==> flow/design.v <==
module add_rtl #(
    parameter integer DWIDTH = 12,
    parameter integer GROUP = 2
) (
    input wire aclk,
    input wire nrst,
    input wire clk_en,
    input wire [DWIDTH-1:0] dataa,
    input wire [DWIDTH-1:0] datab,
    input wire carry_in,
    output reg [DWIDTH-1:0] res,
    output reg carry_out
);
    localparam GROUPS = DWIDTH / GROUP;
    wire [DWIDTH-1:0] r;
    wire [GROUPS:0] c;
    assign c[0] = carry_in;
    genvar g;
    generate
        for (g = 0; g < GROUPS; g = g + 1) begin : row
            wire [GROUP:0] s0 = dataa[g*GROUP +: GROUP] + datab[g*GROUP +: GROUP];
            wire [GROUP:0] s1 = dataa[g*GROUP +: GROUP] + datab[g*GROUP +: GROUP] + 1'b1;
            assign {c[g+1], r[g*GROUP +: GROUP]} = c[g] ? s1 : s0;
        end
    endgenerate
    always @(posedge aclk or negedge nrst) begin
        if (~nrst) begin
            res <= 0;
            carry_out <= 1'b0;
        end else if (clk_en) begin
            res <= r;
            carry_out <= c[GROUPS];
        end
    end
endmodule
Appendix: tool output

### Reports on add_rtl

Tool output for the members of one design family, told apart by "DWIDTH", in the order of the flow.
The RTL above is that of DWIDTH 12; lines are counted from 1 in the file of the member named.
Operators carry their Yosys type and port widths (W data, S select, Z words).
Not given: n/a

| design | value |
|---|---|
| top | add_rtl |
| clock input | aclk |
| library | sky130hd |
| timing corner | tt_025C_1v80 |

### Members of the sweep

New or changed lines of each further member against the RTL above, in its own file; lines it lacks are not shown.

Lines new or changed:

| DWIDTH | RTL line | text |
|---|---|---|
| 24 | 2 | `parameter integer DWIDTH = 24,` |
| 64 | 2 | `parameter integer DWIDTH = 64,` |

### Elaborated design

Counts by Yosys on the flattened word-level netlist (proc, flatten, opt, wreduce; memories kept). Register bits leave out memories and registers merged into their read ports (data or address); mux counts leave out enables and synchronous resets folded into registers. Print and check cells are left out. Cells with the same type and inputs are merged into one.

Bit counts:

| DWIDTH | register bits |
|---|---|
| 12 | 13 |
| 24 | 25 |
| 64 | 65 |

Operators by class:

| DWIDTH | add/sub/neg operators | multiplexer cells |
|---|---|---|
| 12 | 12 | 6 |
| 24 | 24 | 12 |
| 64 | 64 | 32 |

Operators by type and width:

| DWIDTH | kind and count |
|---|---|
| 12 | $add A2 B2 Y3 (6); $add A3 B1 Y3 const B (6); $mux W3 (6) |
| 24 | $add A2 B2 Y3 (12); $add A3 B1 Y3 const B (12); $mux W3 (12) |
| 64 | $add A2 B2 Y3 (32); $add A3 B1 Y3 const B (32); $mux W3 (32) |

### Depth

Depth = most cells in a row (Yosys ltp): at word level without a register or memory, in the mapped netlist without a sequential cell, where the memories' decode and read muxes count.

Logic depth:

| DWIDTH | word-level depth | ABC_AREA | depth in mapped cells | depth with buffers taken out |
|---|---|---|---|---|
| 12 | 8 | 0 | 12 | 11 |
| 24 | 14 | 0 | 16 | 15 |
| 64 | 34 | 0 | 32 | 31 |

### Mapped cells and area

Source: synth_stat.txt of the flow (Yosys; design flattened, memories mapped). It holds for the ABC_AREA given above (unset counts as 0); a run with the other value may have another netlist.
The area totals of this step are shown rounded.

Cell types:

| DWIDTH | types with counts |
|---|---|
| 12 | sky130_fd_sc_hd__dfrtp_1 (13); sky130_fd_sc_hd__ha_1 (12); sky130_fd_sc_hd__fa_1 (6); sky130_fd_sc_hd__inv_1 (28); sky130_fd_sc_hd__xnor2_1 (7); sky130_fd_sc_hd__a21oi_1 (11); sky130_fd_sc_hd__nor2_1 (14); sky130_fd_sc_hd__nor4b_2 (2); sky130_fd_sc_hd__nand3b_1 (3); sky130_fd_sc_hd__a21bo_2 (2); sky130_fd_sc_hd__mux2i_1 (2); sky130_fd_sc_hd__nand2_1 (5); sky130_fd_sc_hd__o41ai_2 (1); sky130_fd_sc_hd__a2111oi_2 (1); sky130_fd_sc_hd__a311oi_2 (1); sky130_fd_sc_hd__nand3_1 (3); sky130_fd_sc_hd__and3_1 (2); sky130_fd_sc_hd__nand4_1 (2); [+22] |
| 24 | sky130_fd_sc_hd__dfrtp_1 (25); sky130_fd_sc_hd__ha_1 (24); sky130_fd_sc_hd__fa_1 (12); sky130_fd_sc_hd__inv_1 (32); sky130_fd_sc_hd__a21oi_1 (22); sky130_fd_sc_hd__nor2_1 (29); sky130_fd_sc_hd__xnor2_1 (12); sky130_fd_sc_hd__mux2i_1 (7); sky130_fd_sc_hd__mux2_2 (4); sky130_fd_sc_hd__nand2_1 (11); sky130_fd_sc_hd__nand3_1 (7); sky130_fd_sc_hd__xor2_1 (4); sky130_fd_sc_hd__nor4_1 (5); sky130_fd_sc_hd__nand3b_1 (4); sky130_fd_sc_hd__o221ai_2 (2); sky130_fd_sc_hd__a32oi_4 (1); sky130_fd_sc_hd__o2111ai_1 (3); sky130_fd_sc_hd__a31oi_1 (4); [+55] |
| 64 | sky130_fd_sc_hd__dfrtp_1 (65); sky130_fd_sc_hd__ha_1 (64); sky130_fd_sc_hd__fa_1 (32); sky130_fd_sc_hd__xnor2_1 (42); sky130_fd_sc_hd__mux2i_1 (26); sky130_fd_sc_hd__mux2_2 (22); sky130_fd_sc_hd__a21oi_1 (47); sky130_fd_sc_hd__nor2_1 (58); sky130_fd_sc_hd__inv_1 (35); sky130_fd_sc_hd__nand3b_1 (16); sky130_fd_sc_hd__xor2_1 (11); sky130_fd_sc_hd__nand2_1 (25); sky130_fd_sc_hd__nand3_1 (18); sky130_fd_sc_hd__nand4_1 (14); sky130_fd_sc_hd__nand4b_1 (10); sky130_fd_sc_hd__nor2b_1 (14); sky130_fd_sc_hd__clkbuf_1 (17); sky130_fd_sc_hd__a2111oi_4 (2); [+121] |

A list marked [+n] leaves out that many cells.

Synthesis totals:

| DWIDTH | buffers | mapped cells | cell area after synthesis (µm²) | flip-flops |
|---|---|---|---|---|
| 12 | 4 | 137 | 1219 | 13 |
| 24 | 10 | 263 | 2451 | 25 |
| 64 | 22 | 639 | 6330 | 65 |

### Path before layout

OpenSTA on the mapped netlist: ideal clock, no wires. The path of least setup slack (recovery checks aside). Input and output delay are each 20% of the period. Register names are those of the netlist, which keeps one name where synthesis merged equal registers.

Path post-synthesis:

| DWIDTH | path kind | start point | end point | slack (ns) | period (ns) | driving pins on the path | delay of the path (ns) | synthesis period reached (ns) |
|---|---|---|---|---|---|---|---|---|
| 12 | input-to-reg | input dataa[0] | register carry_out | 0.670 | 4.17 | 12 | 2.666 | 3.5 |
| 24 | input-to-reg | input dataa[0] | register carry_out | 0.935 | 5.83 | 16 | 3.729 | 4.895 |
| 64 | input-to-reg | input dataa[0] | register res[63] | 1.864 | 11.6 | 32 | 7.416 | 9.736 |

"delay of the path" = arrival - input delay + setup time.
"driving pins on the path" counts driving pins, that of a launching flip-flop among them; a cell with two outputs on the path counts twice.
"synthesis period reached" is the clock period less the worst setup slack; recovery checks do not enter. This is arithmetic on one report: input and output delays are still those of the set period (20% each).
Between the ends stands the longest chain of elaborated cells between them, by number of cells; it is not shown to be the way that was timed. Of several equally long chains one is given.
A line is the first line of the expression or statement that the cell stems from. Yosys adds cells for indexed reads and writes and turns some case tables into memories.

| between the ends, post-synthesis, DWIDTH 12 | value |
|---|---|
| length of the longest elaborated chain | 8 |

RTL lines, path post-synthesis, DWIDTH 12:

| element | RTL line | text |
|---|---|---|
| start: declaration | 8 | `input wire [DWIDTH-1:0] dataa,` |
| $add A2 B2 Y3 | 22 | `wire [GROUP:0] s1 = dataa[g*GROUP +: GROUP] + datab[g*GROUP +: GROUP] + 1'b1;` |
| $add A3 B1 Y3 | 22 |  |
| $mux W3 x6 | 23 | `assign {c[g+1], r[g*GROUP +: GROUP]} = c[g] ? s1 : s0;` |
| end: assignment | 29 | `carry_out <= 1'b0;` |
| end: assignment | 32 | `carry_out <= c[GROUPS];` |
| end: declaration | 12 | `output reg carry_out` |

| between the ends, post-synthesis, DWIDTH 64 | value |
|---|---|
| length of the longest elaborated chain | 34 |

RTL lines, path post-synthesis, DWIDTH 64:

| element | RTL line | text |
|---|---|---|
| start: declaration | 8 | `input wire [DWIDTH-1:0] dataa,` |
| $add A2 B2 Y3 | 22 | `wire [GROUP:0] s1 = dataa[g*GROUP +: GROUP] + datab[g*GROUP +: GROUP] + 1'b1;` |
| $add A3 B1 Y3 | 22 |  |
| $mux W3 x32 | 23 | `assign {c[g+1], r[g*GROUP +: GROUP]} = c[g] ? s1 : s0;` |
| end: assignment | 28 | `res <= 0;` |
| end: assignment | 31 | `res <= r;` |
| end: declaration | 11 | `output reg [DWIDTH-1:0] res,` |

### Timing after layout

Path of least setup slack in the final report of each member's run (OpenROAD, finished layout, wires in). Where an end is a register, its clock arrival counts in the times.

Path post-layout:

| DWIDTH | path kind | start point | end point | period (ns) | slack (ns) | driving pins on the path | data arrival time (ns) |
|---|---|---|---|---|---|---|---|
| 12 | input-to-reg | input dataa[0] | register carry_out | 4.17 | 0.36 | 12 | 4.03 |
| 24 | input-to-reg | input dataa[0] | register res[22] | 5.83 | 0.51 | 17 | 5.46 |
| 64 | input-to-reg | input dataa[0] | register carry_out | 11.6 | 1.01 | 32 | 10.87 |

### Flow runs

One run of the flow (Yosys, OpenROAD) for each member, with settings and measured results. Input and output delays are each 20% of the period that was set; the output load is 0.01 pF.

| settings | value |
|---|---|
| CAP_MARGIN | 20 |
| CORE_MARGIN | 2 |
| CORE_UTILIZATION | 40 |
| SLEW_MARGIN | 20 |

Settings by member:

| DWIDTH | period_ns |
|---|---|
| 12 | 4.17 |
| 24 | 5.83 |
| 64 | 11.6 |

Results:

| DWIDTH | utilization (%) | chip area after synthesis (Yosys) (µm²) | worst setup slack after layout (ns) | die footprint (µm²) | total power after layout (mW) |
|---|---|---|---|---|---|
| 12 | 56.1 | 1219 | 0.359 | 3504 | 0.4800 |
| 24 | 56.0 | 2451 | 0.506 | 6770 | 0.7102 |
| 64 | 57.2 | 6330 | 1.005 | 16850 | 1.119 |

"total power after layout": no workload was simulated; the value follows from the tool's default switching activity.
The measured numbers are rounded.
